==> flow/design.v <==
module dp_arith_n #(
   parameter W = 40
) (
   input  logic ck,
   input  logic resetn,
   input  logic signed [W-1:0] a_in,
   input  logic signed [W-1:0] b_in,
   input  logic dir_in,
   output logic [W-1:0] result_out,
   output logic carry_out_out
);
   logic signed [W-1:0] a_ff;
   logic signed [W-1:0] b_ff;
   logic dir_ff;
   logic [W-1:0] w2;
   assign w2 = b_ff ^ {W{dir_ff}};
   logic [W-1:0] nxt;
   assign nxt = $unsigned(a_ff) + w2 + dir_ff;
   always_ff @(posedge ck or negedge resetn) begin
      if (!resetn) begin
         a_ff <= '0;
         b_ff <= '0;
         dir_ff <= 1'b0;
         result_out <= '0;
         carry_out_out <= 1'b0;
      end else begin
         a_ff <= a_in;
         b_ff <= b_in;
         dir_ff <= dir_in;
         result_out <= nxt[W-1:0];
         carry_out_out <= (a_ff[W-1] == w2[W-1]) && (nxt[W-1] != a_ff[W-1]);
      end
   end
endmodule
Ticket comment

Step by step through the tools: dp_arith_n --
A sweep over "W": the same steps for each member of the family. The RTL above is that of W = 40; lines are counted from 1 in the file of the member named. Operators carry their Yosys type and port widths (W data, S select, Z words). The mark - stands for no value.
Inputs: top dp_arith_n, clock input ck, library sky130hd, timing corner tt_025C_1v80

Source of the members --
Lines of each other member's file that are new or changed against the file above; lines that a member lacks are not shown.
Lines new or changed:
- W 48 | line 2 | parameter W = 48
- W 112 | line 2 | parameter W = 112

After elaboration --
Source: Yosys, flattened and elaborated, memories not mapped. Widths are those after wreduce; folded enables and synchronous resets count as part of the registers. Registers that Yosys merges into a memory's read port (data or address) are not register bits. Print and check cells do not count. Equal cells are merged and count once.
Storage and ports:
- W 40 | register bits 122, input bits 83, word-level cells 11, output and inout port bits 41
- W 48 | register bits 146, input bits 99, word-level cells 11, output and inout port bits 49
- W 112 | register bits 338, input bits 227, word-level cells 11, output and inout port bits 113
Cells by class:
- W 40 | reduce/logical cells 1, equality and inequality tests 2, add/sub/neg operators 2, bitwise logic cells 1
- W 48 | reduce/logical cells 1, equality and inequality tests 2, add/sub/neg operators 2, bitwise logic cells 1
- W 112 | reduce/logical cells 1, equality and inequality tests 2, add/sub/neg operators 2, bitwise logic cells 1
Operators with widths (kind and count):
- W 40 | $add A40 B1 Y40 (1); $add A40 B40 Y40 (1); $xor A40 B40 Y40 (1); $eq A1 B1 Y1 (1); $ne A1 B1 Y1 (1); $logic_and A1 B1 Y1 (1)
- W 48 | $add A48 B1 Y48 (1); $add A48 B48 Y48 (1); $xor A48 B48 Y48 (1); $eq A1 B1 Y1 (1); $ne A1 B1 Y1 (1); $logic_and A1 B1 Y1 (1)
- W 112 | $add A112 B1 Y112 (1); $add A112 B112 Y112 (1); $xor A112 B112 Y112 (1); $eq A1 B1 Y1 (1); $ne A1 B1 Y1 (1); $logic_and A1 B1 Y1 (1)

Logic depth --
Yosys ltp: most cells in a row. Word level: on the elaborated netlist, between registers, memories and ports. Mapped: between sequential cells and ports; inverters and the memories' decode and read muxes count.
Depth:
- W 40 | word-level depth 5, ABC_AREA 0, depth in mapped cells 14
- W 48 | word-level depth 5, ABC_AREA 0, depth in mapped cells 14
- W 112 | word-level depth 5, ABC_AREA 0, depth in mapped cells 17

Netlist --
Yosys stat after the flow's synthesis: flattened, memories mapped to cells. It holds for the ABC_AREA given above (unset counts as 0); a run with the other value may have another netlist.
Cells by type (type and count):
- W 40 | sky130_fd_sc_hd__dfrtp_1 (122); sky130_fd_sc_hd__ha_1 (38); sky130_fd_sc_hd__xor2_1 (47); sky130_fd_sc_hd__xnor2_1 (23); sky130_fd_sc_hd__a21oi_1 (31); sky130_fd_sc_hd__a21o_1 (20); sky130_fd_sc_hd__nand2_1 (27); sky130_fd_sc_hd__o21ai_0 (18); sky130_fd_sc_hd__nor2_1 (22); sky130_fd_sc_hd__nand3_1 (11); sky130_fd_sc_hd__inv_1 (14); sky130_fd_sc_hd__nor3_1 (8); sky130_fd_sc_hd__nand2b_1 (6); sky130_fd_sc_hd__and4_1 (4); sky130_fd_sc_hd__o311ai_0 (4); sky130_fd_sc_hd__a31oi_1 (5); sky130_fd_sc_hd__nor2b_1 (5); sky130_fd_sc_hd__o21a_1 (4); [+71]
- W 48 | sky130_fd_sc_hd__dfrtp_1 (146); sky130_fd_sc_hd__xor2_1 (66); sky130_fd_sc_hd__ha_1 (46); sky130_fd_sc_hd__a21oi_1 (54); sky130_fd_sc_hd__xnor2_1 (26); sky130_fd_sc_hd__a21o_1 (28); sky130_fd_sc_hd__o21ai_0 (22); sky130_fd_sc_hd__nand2_1 (25); sky130_fd_sc_hd__nor2_1 (23); sky130_fd_sc_hd__nand4_1 (12); sky130_fd_sc_hd__nand3_1 (14); sky130_fd_sc_hd__o21bai_1 (8); sky130_fd_sc_hd__inv_1 (14); sky130_fd_sc_hd__clkbuf_1 (13); sky130_fd_sc_hd__nor3_1 (9); sky130_fd_sc_hd__and2_1 (7); sky130_fd_sc_hd__o31ai_1 (5); sky130_fd_sc_hd__nand2b_1 (5); [+54]
- W 112 | sky130_fd_sc_hd__dfrtp_1 (338); sky130_fd_sc_hd__ha_1 (110); sky130_fd_sc_hd__xor2_1 (150); sky130_fd_sc_hd__a21oi_1 (158); sky130_fd_sc_hd__xnor2_1 (69); sky130_fd_sc_hd__o21ai_0 (98); sky130_fd_sc_hd__nand2_1 (123); sky130_fd_sc_hd__nor2_1 (91); sky130_fd_sc_hd__nand4_1 (50); sky130_fd_sc_hd__a21o_1 (39); sky130_fd_sc_hd__o21bai_1 (33); sky130_fd_sc_hd__inv_1 (38); sky130_fd_sc_hd__nor3_1 (28); sky130_fd_sc_hd__clkbuf_1 (37); sky130_fd_sc_hd__o21a_1 (17); sky130_fd_sc_hd__a21boi_0 (10); sky130_fd_sc_hd__a31oi_1 (12); sky130_fd_sc_hd__nor2b_1 (12); [+169]
A list marked [+n] leaves out that many cells.
Synthesis totals:
- W 40 | sequential area 3052.9 sq um, buffers 9, standard cells after synthesis 480, mapped flip-flops 122, cell area after synthesis 5634.2 sq um
- W 48 | sequential area 3653.5 sq um, buffers 18, standard cells after synthesis 577, mapped flip-flops 146, cell area after synthesis 6746.5 sq um
- W 112 | sequential area 8458.1 sq um, buffers 63, standard cells after synthesis 1582, mapped flip-flops 338, cell area after synthesis 16764.8 sq um

Path before layout --
Source: OpenSTA report_checks on the synthesized netlist (no wires, ideal clock, input and output delay 20% of the period each), path of least setup slack; recovery checks are left aside. Register names are those of the netlist, which keeps one name where synthesis merged equal registers.
Timing after synthesis:
- W 40 | kind register to register, start point reg dir_ff, end point reg result_out[33], path delay 3.553 ns, clock period 4.44 ns, path slack 0.887 ns, driving pins on the path 14, synthesis period reached 3.553 ns
- W 48 | kind register to register, start point reg dir_ff, end point reg result_out[44], path delay 3.536 ns, clock period 4.42 ns, path slack 0.884 ns, driving pins on the path 14, synthesis period reached 3.536 ns
- W 112 | kind register to register, start point reg dir_ff, end point reg result_out[84], path delay 3.839 ns, clock period 4.8 ns, path slack 0.961 ns, driving pins on the path 17, synthesis period reached 3.839 ns
"path delay" is the arrival time less input delay plus setup time. "driving pins on the path" counts driving pins, that of a launching flip-flop among them; a cell with two outputs on the path counts twice. "synthesis period reached" = period - worst setup slack (recovery checks aside). The figure is calculated, with input and output delays left at 20% of the set period. Between the ends stands the longest chain of elaborated cells between them, by number of cells; it is not shown to be the way that was timed. Of several equally long chains one is given. A line is the first line of the expression or statement that the cell stems from. Yosys adds cells for indexed reads and writes and turns some case tables into memories.
On the way, after synthesis, W = 40: cells in the longest elaborated chain 3
Ends and longest elaborated chain, after synthesis, W = 40:
- start, declared | line 14 | logic dir_ff;
- start, assigned | line 23 | dir_ff <= 1'b0;
- start, assigned | line 29 | dir_ff <= dir_in;
- $xor A40 B40 Y40 | line 16 | assign w2 = b_ff ^ {W{dir_ff}};
- $add A40 B40 Y40 | line 18 | assign nxt = $unsigned(a_ff) + w2 + dir_ff;
- $add A40 B1 Y40 | line 18
- end, assigned | line 24 | result_out <= '0;
- end, assigned | line 30 | result_out <= nxt[W-1:0];
- end, declared | line 9 | output logic [W-1:0] result_out,
On the way, after synthesis, W = 112: cells in the longest elaborated chain 3
Ends and longest elaborated chain, after synthesis, W = 112:
- start, declared | line 14 | logic dir_ff;
- start, assigned | line 23 | dir_ff <= 1'b0;
- start, assigned | line 29 | dir_ff <= dir_in;
- $xor A112 B112 Y112 | line 16 | assign w2 = b_ff ^ {W{dir_ff}};
- $add A112 B112 Y112 | line 18 | assign nxt = $unsigned(a_ff) + w2 + dir_ff;
- $add A112 B1 Y112 | line 18
- end, assigned | line 24 | result_out <= '0;
- end, assigned | line 30 | result_out <= nxt[W-1:0];
- end, declared | line 9 | output logic [W-1:0] result_out,

Path in the finished layout --
Path of least setup slack in the final report of the run of each member (OpenROAD, finished layout, wires in). Where an end is a register, its clock arrival counts in the times.
Timing post-layout:
- W 40 | kind register to register, start point reg dir_ff, end point reg result_out[38], path buffers 1, driving pins on the path 11, data arrival time 4.01 ns, path slack 0.72 ns, clock period 4.44 ns
- W 48 | kind register to register, start point reg dir_ff, end point reg result_out[45], path buffers 0, driving pins on the path 12, data arrival time 3.93 ns, path slack 0.83 ns, clock period 4.42 ns
- W 112 | kind register to register, start point reg dir_ff, end point reg result_out[103], path buffers 1, driving pins on the path 15, data arrival time 4.90 ns, path slack 0.37 ns, clock period 4.8 ns

Layout results --
Settings and results of one run of the flow (Yosys, OpenROAD) for each member follow. The constraints put input and output delay at 20% of the set period each and load the outputs with 0.01 pF.
Settings: CAP_MARGIN 20, CORE_MARGIN 2, CORE_UTILIZATION 40, SLEW_MARGIN 20
Settings by member (period_ns):
- W 40 | 4.44
- W 48 | 4.42
- W 112 | 4.8
Measured results:
- W 40 | total power of the final layout 0.003733 W, standard-cell area after routing 7712.4 sq um, total die area 15050.4 sq um, reached clock period 3.716 ns, total negative slack 0.000 ns, lowest setup slack 0.724 ns, utilization in the final report 0.558, chip area in the Yosys report 5634.2 sq um
- W 48 | total power of the final layout 0.004193 W, standard-cell area after routing 9046.2 sq um, total die area 17921.2 sq um, reached clock period 3.588 ns, total negative slack 0.000 ns, lowest setup slack 0.832 ns, utilization in the final report 0.547, chip area in the Yosys report 6746.5 sq um
- W 112 | total power of the final layout 0.009164 W, standard-cell area after routing 22023.6 sq um, total die area 43566.1 sq um, reached clock period 4.428 ns, total negative slack 0.000 ns, lowest setup slack 0.372 ns, utilization in the final report 0.529, chip area in the Yosys report 16764.8 sq um
"reached clock period" = clock period - worst setup slack. The figure is calculated, with input and output delays left at 20% of the set period. "total power of the final layout" is the tool's figure for a default switching activity; nothing was simulated.
